==> flow/design.v <==
module cpu_adder_n #(
  parameter WIDTH = 96
) (
  input  wire core_clk,
  input  wire [WIDTH-1:0] in_rs1,
  input  wire [WIDTH-1:0] in_rs2,
  input  wire in_c0,
  output reg [WIDTH-1:0] out_q,
  output reg out_carry_out
);
  reg [WIDTH-1:0] rs1_q;
  always @(posedge core_clk)
    rs1_q <= in_rs1;
  reg [WIDTH-1:0] rs2_q;
  always @(posedge core_clk)
    rs2_q <= in_rs2;
  reg c0_q;
  always @(posedge core_clk)
    c0_q <= in_c0;
  wire [WIDTH-1:0] nxt;
  wire [WIDTH:0] carry;
  assign carry[0] = c0_q;
  genvar ii;
  generate
    for (ii = 0; ii < WIDTH; ii = ii + 1) begin : blk
      assign nxt[ii] = rs1_q[ii] ^ rs2_q[ii] ^ carry[ii];
      assign carry[ii+1] = (rs1_q[ii] & rs2_q[ii]) | (carry[ii] & (rs1_q[ii] ^ rs2_q[ii]));
    end
  endgenerate
  always @(posedge core_clk)
    out_q <= nxt;
  always @(posedge core_clk)
    out_carry_out <= carry[WIDTH];
endmodule
# Step by step through the tools: cpu_adder_n
# The steps from the RTL of cpu_adder_n to its reports follow in flow order.
# Line numbers count from 1 in the design file above.
# Operators carry their Yosys type and port widths (W data, S select, Z words).
# Cell names lack the library's common part.
# The mark - stands for no value.
dict set report inputs {
  design {cpu_adder_n}
  clock_port {core_clk}
  library {sky130hd}
  lib_corner {tt_025C_1v80}
}

# After elaboration
# Yosys after proc, flatten, opt, wreduce and memory -nomap, before mapping. Enables and synchronous resets that opt folds into registers are not counted as muxes. Memory bits, and registers merged into a memory's read port (data or address), are not among the register bits. Print and check cells are not counted. Equal cells are merged and count once.
dict set report classes {
  logic 480
}
# operator n
set op_table {}
lappend op_table {{$and A1 B1 Y1} 192}
lappend op_table {{$xor A1 B1 Y1} 192}
lappend op_table {{$or A1 B1 Y1} 96}
dict set report bits {
  ff_bits 290
  inputBits 194
  wordCells 485
}

# Logic depth
# Depth = most cells in a row (Yosys ltp): at word level without a register or memory, in the mapped netlist without a sequential cell, where the memories' decode and read muxes count.
dict set report logic_depth {
  ltp_word 193
  ABC_AREA 0
  ltp_mapped 100
  ltp_nobuf 100
}

# Synthesis result
# Yosys stat after the flow's synthesis: flattened, memories mapped to cells. It holds for the ABC_AREA given above (unset counts as 0); a run with the other value may have another netlist.
dict set report synth_totals {
  mapped_cells 396
  mapped_area_um2 7764.9
  seqArea_um2 5805.6
  ffs 290
}
# cell_type n
set by_type {}
lappend by_type {dfxtp_1 290}
lappend by_type {fa_1 96}
lappend by_type {inv_1 10}

# Worst setup path after synthesis
# Path of least setup slack by OpenSTA after synthesis, without wires, with an ideal clock, recovery checks aside; 20% of the period is set as input and as output delay. Where synthesis merged equal registers, the netlist keeps one of their names.
dict set report synth_path {
  path_kind {register to register}
  start {register rs1_q[0]}
  end {register out_q[95]}
  tclk_ps 46000
  t_first_pin_ps 0
  arrival_time_ps 36737
  path_slack_ps 9206
  delay_ps 36794
  stages 101
  period_less_setup_slack_ps 36794
}
# "delay_ps" is the arrival time less input delay plus setup time.
# "stages": output pins that drive a net of the path, with the launching flip-flop's if there is one; two outputs of one cell count as two.
# "period_less_setup_slack_ps" = period - worst setup slack (recovery checks aside). The figure is calculated, with input and output delays left at 20% of the set period.
# The rows between start and end are the longest chain of elaborated cells between them; the timing report does not say that the signal goes this way. Where chains are equally long, one stands for them.
# A line is the first line of the expression or statement that the cell stems from. Yosys adds cells for indexed reads and writes and turns some case tables into memories.
dict set report synth_via {
  path_cell_list {dfxtp_1 > fa_1 > fa_1 > fa_1 > fa_1 > fa_1 > fa_1 > fa_1 > fa_1 > fa_1 > fa_1 > fa_1 > fa_1 > fa_1 > fa_1 > fa_1 > fa_1 > fa_1 > (+65 left out) > fa_1 > fa_1 > fa_1 > fa_1 > fa_1 > fa_1 > fa_1 > fa_1 > fa_1 > fa_1 > fa_1 > inv_1 > fa_1 > inv_1 > fa_1 > inv_1 > fa_1 > inv_1}
  elab_chain_cells 192
  cone_cells 193
}
# item line
set synth_rtl {}
lappend synth_rtl {{start, declared} 11} ;# reg [WIDTH-1:0] rs1_q;
lappend synth_rtl {{start, assigned} 13} ;# rs1_q <= in_rs1;
lappend synth_rtl {{$xor A1 B1 Y1} 27} ;# assign carry[ii+1] = (rs1_q[ii] & rs2_q[ii]) | (carry[ii] & (rs1_q[ii] ^ rs2_q[ii]));
lappend synth_rtl {{$and A1 B1 Y1} 27}
lappend synth_rtl {{$or A1 B1 Y1} 27}
lappend synth_rtl {{$and A1 B1 Y1} 27}
lappend synth_rtl {{$or A1 B1 Y1} 27}
lappend synth_rtl {{$and A1 B1 Y1} 27}
lappend synth_rtl {{$or A1 B1 Y1} 27}
lappend synth_rtl {{(+178 left out)} -}
lappend synth_rtl {{$and A1 B1 Y1} 27}
lappend synth_rtl {{$or A1 B1 Y1} 27}
lappend synth_rtl {{$and A1 B1 Y1} 27}
lappend synth_rtl {{$or A1 B1 Y1} 27}
lappend synth_rtl {{$and A1 B1 Y1} 27}
lappend synth_rtl {{$or A1 B1 Y1} 27}
lappend synth_rtl {{$xor A1 B1 Y1} 26} ;# assign nxt[ii] = rs1_q[ii] ^ rs2_q[ii] ^ carry[ii];
lappend synth_rtl {{end, assigned} 31} ;# out_q <= nxt;
lappend synth_rtl {{end, declared} 8} ;# output reg [WIDTH-1:0] out_q,

# Path in the finished layout
# From the final timing report of flow run A: the path of least setup slack in the routed layout; clock arrival at registers is part of the times.
# The report prints the path's times to 10 ps; the period is as set.
dict set report layout_path {
  path_kind {register to register}
  start {register rs1_q[0]}
  end {register out_q[95]}
  tclk_ps 66500
  t_first_pin_ps 480
  arrival_time_ps 39140
  path_slack_ps 27800
  stages 101
}
# The rows between start and end are the longest chain of elaborated cells between them; the timing report does not say that the signal goes this way. Where chains are equally long, one stands for them.
dict set report layout_via {
  path_cell_list {dfxtp_1 > fa_1 > fa_1 > fa_1 > fa_1 > fa_1 > fa_1 > fa_1 > fa_1 > fa_1 > fa_1 > fa_1 > fa_1 > fa_1 > fa_1 > fa_1 > fa_1 > fa_1 > (+65 left out) > fa_1 > fa_1 > fa_1 > fa_1 > fa_1 > fa_1 > fa_1 > fa_1 > fa_1 > fa_1 > fa_1 > inv_1 > fa_1 > inv_1 > fa_1 > inv_1 > fa_1 > inv_1}
  elab_chain_cells 192
  cone_cells 193
}
# item line
set layout_rtl {}
lappend layout_rtl {{start, declared} 11} ;# reg [WIDTH-1:0] rs1_q;
lappend layout_rtl {{start, assigned} 13} ;# rs1_q <= in_rs1;
lappend layout_rtl {{$xor A1 B1 Y1} 27} ;# assign carry[ii+1] = (rs1_q[ii] & rs2_q[ii]) | (carry[ii] & (rs1_q[ii] ^ rs2_q[ii]));
lappend layout_rtl {{$and A1 B1 Y1} 27}
lappend layout_rtl {{$or A1 B1 Y1} 27}
lappend layout_rtl {{$and A1 B1 Y1} 27}
lappend layout_rtl {{$or A1 B1 Y1} 27}
lappend layout_rtl {{$and A1 B1 Y1} 27}
lappend layout_rtl {{$or A1 B1 Y1} 27}
lappend layout_rtl {{(+178 left out)} -}
lappend layout_rtl {{$and A1 B1 Y1} 27}
lappend layout_rtl {{$or A1 B1 Y1} 27}
lappend layout_rtl {{$and A1 B1 Y1} 27}
lappend layout_rtl {{$or A1 B1 Y1} 27}
lappend layout_rtl {{$and A1 B1 Y1} 27}
lappend layout_rtl {{$or A1 B1 Y1} 27}
lappend layout_rtl {{$xor A1 B1 Y1} 26} ;# assign nxt[ii] = rs1_q[ii] ^ rs2_q[ii] ^ carry[ii];
lappend layout_rtl {{end, assigned} 31} ;# out_q <= nxt;
lappend layout_rtl {{end, declared} 8} ;# output reg [WIDTH-1:0] out_q,

Subject: cpu_adder_n on sky130hd, stored results

Hello all,

Record of 3 stored runs of the RTL-to-layout flow on cpu_adder_n, platform sky130hd. The runs are unordered. Constraints: input delay and output delay 20% of the set period each, output load 0.01 pF.
By "clock_period_reached_ps" is meant the clock period of the run minus its worst setup slack. This is arithmetic on one report: input and output delays are still those of the set period (20% each).
"worst_setup_path_time_ps" means the part of the period allowed to the worst setup path (the constraints hold back 20% at inputs and 20% at outputs) less its slack; where the path has registers, the arrival times of their clocks count too.
By "final_power_uw" is meant OpenSTA's value without simulated activity: inputs other than the clock are taken to toggle once in ten clock periods, and the tool carries that through the logic.
"worst_setup_path_time_ps" is given in steps of 10 ps.

[flow] flow run A: files
==> flow/run.sh <==
#!/bin/bash
# the make line also repeats the synthesis and layout settings of config.mk as NAME=value (left out here)
make -C /OpenROAD-flow-scripts/flow DESIGN_CONFIG=/design/flow/config.mk WORK_HOME=/design/flow/orfs CLKGATE_MAP_FILE= finish
==> flow/config.mk <==
export PLATFORM = sky130hd
export DESIGN_NAME = cpu_adder_n
export DESIGN_NICKNAME = cpu_adder_n
export VERILOG_FILES = /design/flow/design.v
export SDC_FILE = /design/flow/constraint.sdc
export NUM_CORES = 4
export LEC_CHECK = 0
export CAP_MARGIN = 20
export CELL_PAD_IN_SITES_DETAIL_PLACEMENT = 1
export CELL_PAD_IN_SITES_GLOBAL_PLACEMENT = 0
export CORE_MARGIN = 2
export CORE_UTILIZATION = 27
export CTS_CLUSTER_SIZE = 76
export PLACE_DENSITY_LB_ADDON = 0.04
export SETUP_SLACK_MARGIN = 5.0
export SLEW_MARGIN = 20
export TNS_END_PERCENT = 85
==> flow/constraint.sdc <==
create_clock -name core_clock -period 66.5 [get_ports {core_clk}]
set_input_delay 13.3000 -clock core_clock [delete_from_list [all_inputs] [get_ports {core_clk}]]
set_output_delay 13.3000 -clock core_clock [all_outputs]
set_load 0.01 [all_outputs]

[flow] flow run A: metrics
[metrics] utilization_pct = 42.9
[metrics] worst_setup_path_time_ps = 38700
[metrics] worst_path_kind = register to register
[metrics] clock_period_reached_ps = 38701
[metrics] final_power_uw = 432.7
[metrics] final_cell_area_um2 = 12240.5
[metrics] final_hold_ws_ps = 505
[metrics] tns_setup_ps = 0
[metrics] die_um2 = 30131.8
[metrics] synthArea_um2 = 7764.9
[metrics] final_setup_ws_ps = 27799

[flow] flow run B: files
==> flow/run.sh <==
#!/bin/bash
# the make line also repeats the synthesis and layout settings of config.mk as NAME=value (left out here)
make -C /OpenROAD-flow-scripts/flow DESIGN_CONFIG=/design/flow/config.mk WORK_HOME=/design/flow/orfs CLKGATE_MAP_FILE= finish
==> flow/config.mk <==
export PLATFORM = sky130hd
export DESIGN_NAME = cpu_adder_n
export DESIGN_NICKNAME = cpu_adder_n
export VERILOG_FILES = /design/flow/design.v
export SDC_FILE = /design/flow/constraint.sdc
export NUM_CORES = 4
export LEC_CHECK = 0
export CAP_MARGIN = 0
export CORE_MARGIN = 2
export CORE_UTILIZATION = 70
export CTS_CLUSTER_DIAMETER = 22
export CTS_CLUSTER_SIZE = 69
export PLACE_DENSITY_LB_ADDON = 0.1
export SETUP_SLACK_MARGIN = 2.16
export SLEW_MARGIN = 20
==> flow/constraint.sdc <==
create_clock -name core_clock -period 34.1 [get_ports {core_clk}]
set_input_delay 6.8200 -clock core_clock [delete_from_list [all_inputs] [get_ports {core_clk}]]
set_output_delay 6.8200 -clock core_clock [all_outputs]
set_load 0.01 [all_outputs]

[flow] flow run B: incomplete, placement halted on FLW-0024

[flow] flow run C: files
==> flow/run.sh <==
#!/bin/bash
# the make line also repeats the synthesis and layout settings of config.mk as NAME=value (left out here)
make -C /OpenROAD-flow-scripts/flow DESIGN_CONFIG=/design/flow/config.mk WORK_HOME=/design/flow/orfs CLKGATE_MAP_FILE= finish
==> flow/config.mk <==
export PLATFORM = sky130hd
export DESIGN_NAME = cpu_adder_n
export DESIGN_NICKNAME = cpu_adder_n
export VERILOG_FILES = /design/flow/design.v
export SDC_FILE = /design/flow/constraint.sdc
export NUM_CORES = 4
export LEC_CHECK = 0
export CAP_MARGIN = 20
export CORE_MARGIN = 2
export CORE_UTILIZATION = 40
export SLEW_MARGIN = 20
==> flow/constraint.sdc <==
create_clock -name core_clock -period 46.0 [get_ports {core_clk}]
set_input_delay 9.2000 -clock core_clock [delete_from_list [all_inputs] [get_ports {core_clk}]]
set_output_delay 9.2000 -clock core_clock [all_outputs]
set_load 0.01 [all_outputs]

[flow] flow run C: metrics
[metrics] utilization_pct = 63.4
[metrics] worst_setup_path_time_ps = 38560
[metrics] worst_path_kind = register to register
[metrics] clock_period_reached_ps = 38563
[metrics] final_power_uw = 603.3
[metrics] final_cell_area_um2 = 11986.5
[metrics] final_hold_ws_ps = 504
[metrics] tns_setup_ps = 0
[metrics] die_um2 = 20543.5
[metrics] synthArea_um2 = 7764.9
[metrics] final_setup_ws_ps = 7437

Thanks
